==> flow/design.v <==
module mag_cmp_n #(
  parameter WD = 4,
  parameter N = 4
) (
  input  clk,
  input  [N*WD-1:0] din,
  output [WD-1:0] max_o
);
  reg [N*WD-1:0] din_d1;
  reg [WD-1:0] work;
  integer k;
  always @(*) begin
    work = din_d1[WD-1:0];
    for (k = 1; k < N; k = k + 1)
      if (din_d1[k*WD +: WD] > work) work = din_d1[k*WD +: WD];
  end
  assign max_o = work;
  always @(posedge clk)
    din_d1 <= din;
endmodule
Memo
Re: synthesis data of mag_cmp_n

Reports on mag_cmp_n:

Module mag_cmp_n in several versions that differ in "N"; each step lists the members.
The RTL above is that of N = 4; lines are counted from 1 in the file of the member named.
Library cell names are shortened.
The mark -- stands for no value.

* top module: mag_cmp_n
* clock port: clk
* library: sky130hd
* library corner: tt_025C_1v80

Members of the sweep:

Lines of each other member's file that are new or changed against the file above; lines that a member lacks are not shown.

Lines new or changed
* N 6: line 3 `parameter N = 6`
* N 7: line 3 `parameter N = 7`
* N 12: line 3 `parameter N = 12`
* N 16: line 3 `parameter N = 16`

Word-level counts:

Yosys after proc, flatten, opt, wreduce and memory -nomap, before mapping. Enables and synchronous resets that opt folds into registers are not counted as muxes. Memory bits, and registers merged into a memory's read port (data or address), are not among the register bits. Print and check cells are not counted. Equal cells are merged and count once.

Storage and ports
* N 4: flip-flop bits (word level) 16, input bits 17, output and inout port bits 4, word-level cells 7
* N 6: flip-flop bits (word level) 24, input bits 25, output and inout port bits 4, word-level cells 11
* N 7: flip-flop bits (word level) 28, input bits 29, output and inout port bits 4, word-level cells 13
* N 12: flip-flop bits (word level) 48, input bits 49, output and inout port bits 4, word-level cells 23
* N 16: flip-flop bits (word level) 64, input bits 65, output and inout port bits 4, word-level cells 31

Operators by class
* N 4: order comparisons 3, mux-type cells 3
* N 6: order comparisons 5, mux-type cells 5
* N 7: order comparisons 6, mux-type cells 6
* N 12: order comparisons 11, mux-type cells 11
* N 16: order comparisons 15, mux-type cells 15

Operator list (kinds with counts)
* N 4: 3 x 4-bit > comparator; 3 x 4-bit 2-to-1 mux
* N 6: 5 x 4-bit > comparator; 5 x 4-bit 2-to-1 mux
* N 7: 6 x 4-bit > comparator; 6 x 4-bit 2-to-1 mux
* N 12: 11 x 4-bit > comparator; 11 x 4-bit 2-to-1 mux
* N 16: 15 x 4-bit > comparator; 15 x 4-bit 2-to-1 mux

Logic depth:

Yosys ltp: most cells in a row. Word level: on the elaborated netlist, between registers, memories and ports. Mapped: between sequential cells and ports; inverters and the memories' decode and read muxes count.

Logic depth
* N 4: depth after elaboration 6, ABC_AREA 0, mapped depth 20, gate-level depth less buffers 19
* N 6: depth after elaboration 10, ABC_AREA 0, mapped depth 39, gate-level depth less buffers 39
* N 7: depth after elaboration 12, ABC_AREA 0, mapped depth 49, gate-level depth less buffers 48
* N 12: depth after elaboration 22, ABC_AREA 0, mapped depth 97, gate-level depth less buffers 97
* N 16: depth after elaboration 30, ABC_AREA 0, mapped depth 118, gate-level depth less buffers 116

After synthesis:

Yosys stat after the flow's synthesis: flattened, memories mapped to cells. It holds for the ABC_AREA given above (unset counts as 0); a run with the other value may have another netlist.

Synthesis totals
* N 4: cell count 78, chip area (Yosys) 829.5 um^2, area of sequential cells 320.3 um^2, mapped flip-flops 16, buffers 1
* N 6: cell count 160, chip area (Yosys) 1505.2 um^2, area of sequential cells 480.5 um^2, mapped flip-flops 24, buffers 0
* N 7: cell count 196, chip area (Yosys) 1780.5 um^2, area of sequential cells 560.5 um^2, mapped flip-flops 28, buffers 5
* N 12: cell count 401, chip area (Yosys) 3468.3 um^2, area of sequential cells 960.9 um^2, mapped flip-flops 48, buffers 4
* N 16: cell count 490, chip area (Yosys) 4281.6 um^2, area of sequential cells 1281.2 um^2, mapped flip-flops 64, buffers 6

Cells by type (type and count)
* N 4: 16 x dfxtp_1; 12 x ha_1; 4 x a211oi_1; 4 x a21o_1; 3 x mux2i_1; 8 x nor2_1; 1 x o2bb2ai_4; 7 x inv_1; 4 x nor3_1; 1 x o21bai_4; 1 x mux2i_2; 1 x nor2b_4; 1 x a211oi_2; 2 x nand4_1; 1 x o211ai_2; 1 x buf_6; 2 x a21oi_1; 1 x o211a_1; (+8)
* N 6: 24 x dfxtp_1; 16 x ha_1; 8 x mux2i_1; 16 x inv_1; 14 x nand2_1; 9 x a21oi_1; 4 x mux2_2; 6 x o211ai_1; 3 x o211ai_2; 8 x nor2_1; 3 x a32oi_1; 5 x nand3_1; 1 x nor4_4; 4 x o21ai_0; 2 x or4b_1; 3 x nand2b_1; 3 x nor2b_1; 2 x a211o_1; (+29)
* N 7: 28 x dfxtp_1; 18 x ha_1; 19 x inv_1; 12 x a21oi_1; 12 x o21ai_0; 6 x a211oi_1; 12 x nor2_1; 9 x nand2_1; 3 x mux2i_1; 1 x a311oi_4; 3 x o31a_1; 5 x nor3_1; 2 x mux2_2; 3 x o211ai_1; 1 x nor4_4; 2 x a32o_1; 3 x a31oi_1; 3 x nand2b_1; (+54)
* N 12: 48 x dfxtp_1; 27 x ha_1; 46 x inv_1; 12 x mux2_2; 12 x mux2i_1; 32 x nand2_1; 32 x nor2_1; 20 x a21oi_1; 16 x o21ai_0; 9 x xnor2_1; 6 x a211o_1; 8 x a31oi_1; 4 x maj3_1; 5 x a21o_1; 6 x nand2b_1; 5 x o211ai_1; 4 x a221oi_1; 4 x o2111ai_1; (+105)
* N 16: 64 x dfxtp_1; 36 x ha_1; 17 x mux2_2; 48 x inv_1; 35 x o21ai_0; 37 x nand2_1; 26 x a21oi_1; 32 x nor2_1; 8 x mux2i_1; 10 x o21a_1; 6 x maj3_1; 9 x nand2b_1; 7 x o211ai_1; 6 x xnor2_1; 8 x nor2b_1; 9 x nand3_1; 7 x a31oi_1; 5 x a22oi_1; (+120)

The mark (+n) counts cells that are not listed.

Worst setup path after synthesis:

Source: OpenSTA report_checks on the synthesized netlist (no wires, ideal clock, input and output delay 20% of the period each), path of least setup slack; recovery checks are left aside. Register names are those of the netlist, which keeps one name where synthesis merged equal registers.

Timing post-synthesis
* N 4: path type reg-to-output, start register din_d1[3], end output max_o[0], clock period 5.6 ns, setup slack 0.895 ns, stages on the path 19, path delay 3.585 ns, synthesis period reached 4.705 ns
* N 6: path type reg-to-output, start register din_d1[1], end output max_o[3], clock period 11.6 ns, setup slack 1.873 ns, stages on the path 39, path delay 7.407 ns, synthesis period reached 9.727 ns
* N 7: path type reg-to-output, start register din_d1[2], end output max_o[2], clock period 14.2 ns, setup slack 2.243 ns, stages on the path 45, path delay 9.117 ns, synthesis period reached 11.957 ns
* N 12: path type reg-to-output, start register din_d1[1], end output max_o[0], clock period 25.8 ns, setup slack 4.102 ns, stages on the path 87, path delay 16.538 ns, synthesis period reached 21.698 ns
* N 16: path type reg-to-output, start register din_d1[2], end output max_o[2], clock period 31.2 ns, setup slack 4.996 ns, stages on the path 109, path delay 19.964 ns, synthesis period reached 26.204 ns

"path delay" = arrival - input delay + setup time.
At an output port there is no setup time.
"stages on the path": output pins that drive a net of the path, with the launching flip-flop's if there is one; two outputs of one cell count as two.
"synthesis period reached" = period - worst setup slack (recovery checks aside). The figure is calculated, with input and output delays left at 20% of the set period.
The rows between start and end are the longest chain of elaborated cells between them; the timing report does not say that the signal goes this way. Where chains are equally long, one stands for them.
Each line given opens the expression or statement behind the cell; cells for indexed reads and writes are added by Yosys, which also makes memories of some case tables.

On the way, post-synthesis, N = 4:
* cells in the longest elaborated chain: 6

Ends and longest elaborated chain, post-synthesis, N = 4
* start, declared: line 9 `reg [N*WD-1:0] din_d1;`
* start, assigned: line 19 `din_d1 <= din;`
* 4-bit > comparator: line 15 `if (din_d1[k*WD +: WD] > work) work = din_d1[k*WD +: WD];`
* 4-bit 2-to-1 mux: line 15
* 4-bit > comparator: line 15
* 4-bit 2-to-1 mux: line 15
* 4-bit > comparator: line 15
* 4-bit 2-to-1 mux: line 15
* end, declared: line 7 `output [WD-1:0] max_o`

On the way, post-synthesis, N = 16:
* cells in the longest elaborated chain: 30

Ends and longest elaborated chain, post-synthesis, N = 16
* start, declared: line 9 `reg [N*WD-1:0] din_d1;`
* start, assigned: line 19 `din_d1 <= din;`
* 4-bit > comparator: line 15 `if (din_d1[k*WD +: WD] > work) work = din_d1[k*WD +: WD];`
* 4-bit 2-to-1 mux: line 15
* 4-bit > comparator: line 15
* 4-bit 2-to-1 mux: line 15
* 4-bit > comparator: line 15
* 4-bit 2-to-1 mux: line 15
* 4-bit > comparator: line 15
* (+16 left out)
* 4-bit 2-to-1 mux: line 15
* 4-bit > comparator: line 15
* 4-bit 2-to-1 mux: line 15
* 4-bit > comparator: line 15
* 4-bit 2-to-1 mux: line 15
* 4-bit > comparator: line 15
* 4-bit 2-to-1 mux: line 15
* end, declared: line 7 `output [WD-1:0] max_o`

Path in the finished layout:

Path of least setup slack in the final report of each member's run (OpenROAD, finished layout, wires in). Where an end is a register, its clock arrival counts in the times.

Timing after layout
* N 4: path type reg-to-output, start register din_d1[1], end output max_o[1], clock period 5.6 ns, setup slack 0.24 ns, stages on the path 20, data arrival time 4.24 ns, buffers on the path 1
* N 6: path type reg-to-output, start register din_d1[1], end output max_o[3], clock period 11.6 ns, setup slack 0.72 ns, stages on the path 42, data arrival time 8.56 ns, buffers on the path 3
* N 7: path type reg-to-output, start register din_d1[1], end output max_o[2], clock period 14.2 ns, setup slack 0.66 ns, stages on the path 48, data arrival time 10.70 ns, buffers on the path 2
* N 12: path type reg-to-output, start register din_d1[1], end output max_o[2], clock period 25.8 ns, setup slack 1.68 ns, stages on the path 88, data arrival time 18.96 ns, buffers on the path 1
* N 16: path type reg-to-output, start register din_d1[2], end output max_o[3], clock period 31.2 ns, setup slack 1.94 ns, stages on the path 111, data arrival time 23.02 ns, buffers on the path 1

Layout results:

One run of the flow (Yosys, OpenROAD) for each member, with settings and measured results. Input and output delays are each 20% of the period that was set; the output load is 0.01 pF.

* CAP_MARGIN: 20
* CORE_MARGIN: 2
* CORE_UTILIZATION: 40
* SLEW_MARGIN: 20

Settings that differ (period_ns)
* N 4: 5.6
* N 6: 11.6
* N 7: 14.2
* N 12: 25.8
* N 16: 31.2

Results
* N 4: chip area in the Yosys report 829.5 um^2, die footprint 2454.2 um^2, standard-cell area after layout 1191.1 um^2, utilization of the finished layout 0.607, smallest setup slack 0.245 ns, setup total negative slack 0.000 ns, worst-case hold slack 1.254 ns, achieved period 5.355 ns
* N 6: chip area in the Yosys report 1505.2 um^2, die footprint 4270.0 um^2, standard-cell area after layout 1964.4 um^2, utilization of the finished layout 0.541, smallest setup slack 0.719 ns, setup total negative slack 0.000 ns, worst-case hold slack 2.487 ns, achieved period 10.881 ns
* N 7: chip area in the Yosys report 1780.5 um^2, die footprint 5000.6 um^2, standard-cell area after layout 2260.9 um^2, utilization of the finished layout 0.523, smallest setup slack 0.662 ns, setup total negative slack 0.000 ns, worst-case hold slack 2.989 ns, achieved period 13.538 ns
* N 12: chip area in the Yosys report 3468.3 um^2, die footprint 9431.3 um^2, standard-cell area after layout 4246.6 um^2, utilization of the finished layout 0.512, smallest setup slack 1.680 ns, setup total negative slack 0.000 ns, worst-case hold slack 5.286 ns, achieved period 24.120 ns
* N 16: chip area in the Yosys report 4281.6 um^2, die footprint 11547.7 um^2, standard-cell area after layout 5362.6 um^2, utilization of the finished layout 0.517, smallest setup slack 1.937 ns, setup total negative slack 0.000 ns, worst-case hold slack 6.328 ns, achieved period 29.263 ns

"achieved period" is the run's clock period less its worst setup slack. It is reckoned from that one timing run; input and output delays stay at 20% of the period that was set.
